==> flow/design.v <==
module dp_arith_n (i_clk, rst, opa, opb, op, diff);
   parameter DW = 14;
   input i_clk;
   input rst;
   input [DW-1:0] opa;
   input [DW-1:0] opb;
   input op;
   output reg [DW-1:0] diff;
   reg [DW-1:0] work;
   always @* begin
      if (op)
         work = opa - opb;
      else
         work = opa + opb;
   end
   always @(posedge i_clk) begin
      if (rst) begin
         diff <= 0;
      end else begin
         diff <= work;
      end
   end
endmodule
# Tool chain data of dp_arith_n
# The steps from the RTL of dp_arith_n to its reports follow in flow order.
# Lines are those of the file above, counted from 1.
# Cell names lack the library's common part.
# Not given: -
# inputs
top_module	dp_arith_n
clock	i_clk
lib	sky130hd
pvt_corner	tt_025C_1v80

# Word-level counts
# Source: Yosys, flattened and elaborated, memories not mapped. Widths are those after wreduce; folded enables and synchronous resets count as part of the registers. Registers that Yosys merges into a memory's read port (data or address) are not register bits. Print and check cells do not count. Equal cells are merged and count once.
# bits
latchBits	0
memories	0
clocked_rd_ports_x_width	0
ramBits	0
rom_bits	0
register_bits	14
in_bits	31
# classes
compare	0
n_shift	0
div	0
mul	0
reduce_logical	0
add_sub_neg	2
mux	1
n_eq	0
n_logic	0
# op_table
operator	count
14-bit adder	1
14-bit subtractor	1
14-bit 2-to-1 mux	1

# Longest topological paths
# Yosys ltp: most cells in a row. Word level: on the elaborated netlist, between registers, memories and ports. Mapped: between sequential cells and ports; inverters and the memories' decode and read muxes count.
# logic_depth
depth_word	2
ABC_AREA	0
depth_mapped	12

# After synthesis
# The flow's flattened synthesis, as Yosys stat reports it; memories are mapped. The netlist is that of the ABC_AREA named above (0 if unset); the other value can give another one.
# The area totals of this step are shown rounded.
# by_type
cell	count	area_total_um2
dfxtp_1	14	280.269
ha_1	14	175.168
xnor2_1	18	157.651
nor2_1	25	93.84
a21oi_1	9	45.043
nor3_1	9	45.043
o21a_1	5	37.536
xor2_1	4	35.034
inv_1	9	33.782
nand2_1	6	22.522
o211ai_1	3	22.522
fa_1	1	20.019
a41oi_2	1	16.266
a221oi_2	1	15.014
nand3_1	3	15.014
o21ai_0	3	15.014
a211oi_2	1	12.512
a31oi_1	2	12.512
# Other cell types: 17; their cells: 21.
# synth_totals
flip_flops	14
mapped_area_um2	1200
seqArea_um2	280
stdcells	149
buffers	2

# Worst setup path after synthesis
# Path of least setup slack by OpenSTA after synthesis, without wires, with an ideal clock, recovery checks aside; 20% of the period is set as input and as output delay. Where synthesis merged equal registers, the netlist keeps one of their names.
# synth_path
kind	input to register
from	input port opb[4]
to	register diff[12]
n_path_buf	0
tclk_ns	3.29
delay_ns	2.107
setup_time_ns	0.128
required_time_ns	3.162
driving_pins	10
arrival_time_ns	2.637
path_slack_ns	0.525
input_delay_ns	0.658
period_less_setup_slack_ns	2.765
# "delay_ns" is the arrival time less input delay plus setup time.
# "driving_pins" counts driving pins, that of a launching flip-flop among them; a cell with two outputs on the path counts twice.
# "period_less_setup_slack_ns" is the clock period less the worst setup slack; recovery checks do not enter. This is arithmetic on one report: input and output delays are still those of the set period (20% each).
# The rows between start and end are the longest chain of elaborated cells between them; the timing report does not say that the signal goes this way. Where chains are equally long, one stands for them.
# A line is the first line of the expression or statement that the cell stems from. Yosys adds cells for indexed reads and writes and turns some case tables into memories.
# synth_between
cell_sequence	nor3_1 > a41oi_2 > xnor2_1 > ha_1 > a21oi_1 > nor2b_2 > or3_1 > a221oi_2 > xor2_1 > nor2_1
elab_chain_cells	2
cells_between	3
cone_lines	3
cone_classes	2 x add/sub; 1 x mux
# synth_lines
item	line_no	source
start: declaration	6	input [DW-1:0] opb;
14-bit adder	14	work = opa + opb;
14-bit 2-to-1 mux	11	if (op)
end: assignment	18	diff <= 0;
end: assignment	20	diff <= work;
end: declaration	8	output reg [DW-1:0] diff;

# Timing after layout
# Path of least setup slack in the final report of flow run 1 (OpenROAD, finished layout, wires in). Where an end is a register, its clock arrival counts in the times.
# layout_path
kind	input to register
from	input port opb[7]
to	register diff[12]
input_delay_ns	0.66
path_slack_ns	0.19
setup_time_ns	0.12
tclk_ns	3.29
driving_pins	11
n_path_buf	1
arrival_time_ns	3.24
required_time_ns	3.43
# The rows between start and end are the longest chain of elaborated cells between them; the timing report does not say that the signal goes this way. Where chains are equally long, one stands for them.
# layout_between
cell_sequence	clkdlybuf4s50_1 > nor3_1 > a41oi_2 > xnor2_1 > ha_1 > a21oi_1 > nor2b_2 > or3_1 > a221oi_2 > xor2_1 > nor2_1
elab_chain_cells	2
cells_between	3
cone_lines	3
cone_classes	2 x add/sub; 1 x mux
# layout_lines
item	line_no	source
start: declaration	6	input [DW-1:0] opb;
14-bit adder	14	work = opa + opb;
14-bit 2-to-1 mux	11	if (op)
end: assignment	18	diff <= 0;
end: assignment	20	diff <= work;
end: declaration	8	output reg [DW-1:0] diff;

Add stored flow runs of dp_arith_n

Design dp_arith_n on sky130hd. What follows are 3 stored runs of the flow, each under its own settings; their order means nothing. The constraints put input and output delay at 20% of the set period each and load the outputs with 0.01 pF.
"worstPathTime_ns" = time allowed to the worst setup path (clock period - input delay - output delay, where it has them) - its slack; a late launch clock adds to it, a late capture clock takes from it.
Values from the reports are rounded here.

Flow run 1, flow files:
==> flow/run.sh <==
#!/bin/bash
# the make line also repeats the synthesis and layout settings of config.mk as NAME=value (left out here)
make -C /OpenROAD-flow-scripts/flow DESIGN_CONFIG=/design/flow/config.mk WORK_HOME=/design/flow/orfs CLKGATE_MAP_FILE= finish
==> flow/config.mk <==
export PLATFORM = sky130hd
export DESIGN_NAME = dp_arith_n
export DESIGN_NICKNAME = dp_arith_n
export VERILOG_FILES = /design/flow/design.v
export SDC_FILE = /design/flow/constraint.sdc
export NUM_CORES = 4
export LEC_CHECK = 0
export CAP_MARGIN = 20
export CORE_MARGIN = 2
export CORE_UTILIZATION = 40
export SLEW_MARGIN = 20
==> flow/constraint.sdc <==
create_clock -name core_clock -period 3.29 [get_ports {i_clk}]
set_input_delay 0.6580 -clock core_clock [delete_from_list [all_inputs] [get_ports {i_clk}]]
set_output_delay 0.6580 -clock core_clock [all_outputs]
set_load 0.01 [all_outputs]

==> results of flow run 1, as CSV <==
result,value
fin_util_pct,67
worstPathTime_ns,2.44
worst_path_kind,"input to register"
die_um2,3500
hold_worst_slack_ns,1.1
ys_area_um2,1200
total_negative_slack_ns,0.000
fin_ws_ns,0.19

Flow run 2, flow files:
==> flow/run.sh <==
#!/bin/bash
# the make line also repeats the synthesis and layout settings of config.mk as NAME=value (left out here)
make -C /OpenROAD-flow-scripts/flow DESIGN_CONFIG=/design/flow/config.mk WORK_HOME=/design/flow/orfs CLKGATE_MAP_FILE= finish
==> flow/config.mk <==
export PLATFORM = sky130hd
export DESIGN_NAME = dp_arith_n
export DESIGN_NICKNAME = dp_arith_n
export VERILOG_FILES = /design/flow/design.v
export SDC_FILE = /design/flow/constraint.sdc
export NUM_CORES = 4
export LEC_CHECK = 0
export CAP_MARGIN = 40
export CELL_PAD_IN_SITES_DETAIL_PLACEMENT = 0
export CELL_PAD_IN_SITES_GLOBAL_PLACEMENT = 1
export CORE_MARGIN = 2
export CORE_UTILIZATION = 63
export CTS_CLUSTER_DIAMETER = 45
export MAX_ROUTING_LAYER = met4
export PLACE_DENSITY_LB_ADDON = 0.04
export SETUP_SLACK_MARGIN = 0.62
export SLEW_MARGIN = 35
export TNS_END_PERCENT = 35
==> flow/constraint.sdc <==
create_clock -name core_clock -period 2.57 [get_ports {i_clk}]
set_input_delay 0.5140 -clock core_clock [delete_from_list [all_inputs] [get_ports {i_clk}]]
set_output_delay 0.5140 -clock core_clock [all_outputs]
set_load 0.01 [all_outputs]

Flow run 2: incomplete, placement halted on FLW-0024

Flow run 3, flow files:
==> flow/run.sh <==
#!/bin/bash
# the make line also repeats the synthesis and layout settings of config.mk as NAME=value (left out here)
make -C /OpenROAD-flow-scripts/flow DESIGN_CONFIG=/design/flow/config.mk WORK_HOME=/design/flow/orfs CLKGATE_MAP_FILE= finish
==> flow/config.mk <==
export PLATFORM = sky130hd
export DESIGN_NAME = dp_arith_n
export DESIGN_NICKNAME = dp_arith_n
export VERILOG_FILES = /design/flow/design.v
export SDC_FILE = /design/flow/constraint.sdc
export NUM_CORES = 4
export LEC_CHECK = 0
export ABC_AREA = 1
export CAP_MARGIN = 10
export CELL_PAD_IN_SITES_DETAIL_PLACEMENT = 0
export CELL_PAD_IN_SITES_GLOBAL_PLACEMENT = 3
export CORE_ASPECT_RATIO = 1.61
export CORE_MARGIN = 2
export CORE_UTILIZATION = 63
export MAX_ROUTING_LAYER = met4
export PLACE_DENSITY_LB_ADDON = 0.08
export SETUP_SLACK_MARGIN = -0.11
export SLEW_MARGIN = 20
==> flow/constraint.sdc <==
create_clock -name core_clock -period 1.62 [get_ports {i_clk}]
set_input_delay 0.3240 -clock core_clock [delete_from_list [all_inputs] [get_ports {i_clk}]]
set_output_delay 0.3240 -clock core_clock [all_outputs]
set_load 0.01 [all_outputs]

Flow run 3: incomplete, placement halted on FLW-0024
